==> flow/design.v <==
module ex_rf_rtl #(
    parameter NWORDS = 64,
    parameter W = 2,
    parameter ADDR_WIDTH = $clog2(NWORDS)
) (
    input  clock,
    input  wr,
    input  [ADDR_WIDTH-1:0] wr_addr,
    input  [W-1:0] wr_data,
    input  [ADDR_WIDTH-1:0] raddr1,
    input  [ADDR_WIDTH-1:0] raddr2,
    output [W-1:0] q1,
    output [W-1:0] q2
);
    reg wr_r;
    reg [ADDR_WIDTH-1:0] wr_addr_r;
    reg [W-1:0] wr_data_r;
    reg [W-1:0] ram [NWORDS-1:0];
    always @(posedge clock) begin
        if (wr_r)
            ram[wr_addr_r] <= wr_data_r;
    end
    reg [ADDR_WIDTH-1:0] raddr1_r;
    reg [ADDR_WIDTH-1:0] raddr2_r;
    assign q1 = (wr_r && wr_addr_r == raddr1_r) ? wr_data_r : ram[raddr1_r];
    assign q2 = (wr_r && wr_addr_r == raddr2_r) ? wr_data_r : ram[raddr2_r];
    always @(posedge clock) begin
        wr_r <= wr;
        wr_addr_r <= wr_addr;
        wr_data_r <= wr_data;
        raddr1_r <= raddr1;
        raddr2_r <= raddr2;
    end
endmodule
# == From RTL to reports: ex_rf_rtl ==
# What the tools print for ex_rf_rtl, step after step.
# Lines are those of the file above, counted from 1.
# Library cell names are shortened.
# The mark n/a stands for no value.
# setup
design,ex_rf_rtl
clock,clock
library,sky130hd
pvt_corner,tt_025C_1v80

# == Word level ==
# Source: Yosys, flattened and elaborated, memories not mapped. Widths are those after wreduce; folded enables and synchronous resets count as part of the registers. Print and check cells do not count. Equal cells are merged and count once.
# Yosys's memory passes give these memory sizes; they may raise the number of words (mostly to a power of two), join words into wider ones and drop unused or constant bits.
# word_totals
reg_bits,21
ramBits,128
clocked_rd_ports_x_width,4
mem_count,1
in_bits,22
wordCells,15
# op_classes
n_eq,2
mux,5
n_reduce_logical,2
# mem_list
memory,size,width,rd,wr,line,text
ram,64,2,2,1,18,reg [W-1:0] ram [NWORDS-1:0];
# ops
cell,n
equality test 6 bit,2
two-way mux 6 bit,1
two-way mux 2 bit,3
logical AND 1 bit,2
two-way mux 1 bit,1

# == Logic depth ==
# Depth = most cells in a row (Yosys ltp): at word level without a register or memory, in the mapped netlist without a sequential cell, where the memories' decode and read muxes count.
# logic_depth
depth_word,3
ABC_AREA,0
ltp_mapped,9
mapped_depth_nobuf,6

# == Netlist ==
# Source: synth_stat.txt of the flow (Yosys; design flattened, memories mapped). It holds for the ABC_AREA given above (unset counts as 0); a run with the other value may have another netlist.
# The area totals of this step are shown rounded.
# mapped
cell_count,518
area_mm2,0.00725
ffs,149
# types
type,n,area_total_um2
edfxtp_1,128,3.84E+03
mux4_2,31,698.17
mux2i_1,66,660.634
dfxtp_1,21,420.403
nor2_1,75,281.52
a22oi_1,25,187.68
mux4_1,4,105.101
nand2_1,24,90.086
nor2b_1,11,68.816
buf_6,6,67.565
xor2_1,7,61.309
buf_2,11,55.053
nand3_1,10,50.048
nand4_1,8,50.048
clkbuf_1,13,48.797
xnor2_1,5,43.792
a211oi_1,5,37.536
buf_4,5,37.536
# Other cell types: 33; their cells: 63.

# == Worst setup path after synthesis ==
# Path of least setup slack by OpenSTA after synthesis, without wires, with an ideal clock, recovery checks aside; 20% of the period is set as input and as output delay. Where synthesis merged equal registers, the netlist keeps one of their names.
# synth_path
kind,register to output
startpoint,reg raddr2_r[0]
endpoint,out q2[0]
tclk_ps,2750
output_delay_ps,550
t_first_pin_ps,0
t_arrival_ps,1759
path_slack_ps,441
path_delay_ps,1759
stages,9
path_buffers,3
synth_period_reached_ps,2309
# "path_delay_ps" = arrival - input delay + setup time.
# A path that ends at an output port has no setup time.
# "stages": output pins that drive a net of the path, with the launching flip-flop's if there is one; two outputs of one cell count as two.
# "synth_period_reached_ps" = period - worst setup slack (recovery checks aside). The figure is calculated, with input and output delays left at 20% of the set period.
# Between the ends stands the longest chain of elaborated cells between them, by number of cells; it is not shown to be the way that was timed. Of several equally long chains one is given.
# A line is the first line of the expression or statement that the cell stems from. Yosys adds cells for indexed reads and writes and turns some case tables into memories.
# synth_via
cell_sequence,dfxtp_1 buf_6 buf_6 buf_6 mux4_2 nor3b_1 a211oi_1 o211ai_2 o311ai_1
elab_chain_cells,3
cells_between,3
classes_between,eq/ne (1); mux (1); reduce/logical (1)
# synth_lines
element,line,text
start: declaration,24,reg [ADDR_WIDTH-1:0] raddr2_r;
start: assignment,32,raddr2_r <= raddr2;
equality test 6 bit,26,assign q2 = (wr_r && wr_addr_r == raddr2_r) ? wr_data_r : ram[raddr2_r];
logical AND 1 bit,26,
two-way mux 2 bit,26,
end: declaration,13,output [W-1:0] q2

# == Path in the finished layout ==
# From the final timing report of flow run A: the path of least setup slack in the routed layout; clock arrival at registers is part of the times.
# The path's times are printed in steps of 10 ps; the period is the one set.
# layout_path
kind,register to output
startpoint,reg raddr2_r[0]
endpoint,out q2[0]
tclk_ps,3420
output_delay_ps,680
t_first_pin_ps,430
t_arrival_ps,2720
path_slack_ps,20
stages,7
path_buffers,1
# Between the ends stands the longest chain of elaborated cells between them, by number of cells; it is not shown to be the way that was timed. Of several equally long chains one is given.
# layout_via
cell_sequence,dfxtp_4 mux4_1 mux4_2 nand2b_4 o211ai_2 o311ai_2 dlygate4sd2_1
elab_chain_cells,3
cells_between,3
classes_between,eq/ne (1); mux (1); reduce/logical (1)
# layout_lines
element,line,text
start: declaration,24,reg [ADDR_WIDTH-1:0] raddr2_r;
start: assignment,32,raddr2_r <= raddr2;
equality test 6 bit,26,assign q2 = (wr_r && wr_addr_r == raddr2_r) ? wr_data_r : ram[raddr2_r];
logical AND 1 bit,26,
two-way mux 2 bit,26,
end: declaration,13,output [W-1:0] q2

# Record of 3 stored runs of the RTL-to-layout flow on ex_rf_rtl, platform sky130hd. The runs are unordered. Constraints: input delay and output delay 20% of the set period each, output load 0.01 pF.
# "achieved_period_ps" is the run's clock period less its worst setup slack. It is reckoned from that one timing run; input and output delays stay at 20% of the period that was set.
# "worst_setup_path_time_ps" is the time allowed to the run's worst setup path (the clock period less input and output delay, where it has them) less its slack. Clock arrival times count: a late capture clock shortens it, a late launch clock lengthens it.
# "design_power_mw" is the tool's figure for a default switching activity; nothing was simulated.
# "worst_setup_path_time_ps" is known to 10 ps.
# Measured values are rounded.
# Settings: -- = not set for that run.
item,flow run A,flow run B,flow run C
period_ns,3.42,2.75,1.78
CORE_UTILIZATION,15,40,23
PLACE_DENSITY,0.7,--,--
CORE_ASPECT_RATIO,1.0,--,--
CORE_MARGIN,5,2,9
CELL_PAD_IN_SITES_DETAIL_PLACEMENT,2,--,--
TNS_END_PERCENT,35,--,--
CTS_CLUSTER_SIZE,55,--,48
CTS_CLUSTER_DIAMETER,144,--,237
CAP_MARGIN,20,20,20
SLEW_MARGIN,20,20,20
SETUP_SLACK_MARGIN,--,--,0.04
PLACE_DENSITY_LB_ADDON,--,--,0.02
GPL_TIMING_DRIVEN,--,--,0
MAX_ROUTING_LAYER,--,--,met5
total_negative_slack_ps,0,-724,-4510
worst_setup_path_time_ps,2720,2410,2570
worstPathKind,register to output,register to output,register to output
setup_worst_slack_ps,20,-208,-1150
ws_hold_ps,682,548,353
achieved_period_ps,3400,2958,2925
die_area_mm2,0.0528,0.0192,0.0382
ys_area_mm2,0.00725,0.00725,0.00725
final_cell_area_mm2,0.00937,0.00917,0.00959
fin_util_pct,19.6,51.4,31.1
design_power_mw,4.39,5.46,8.66
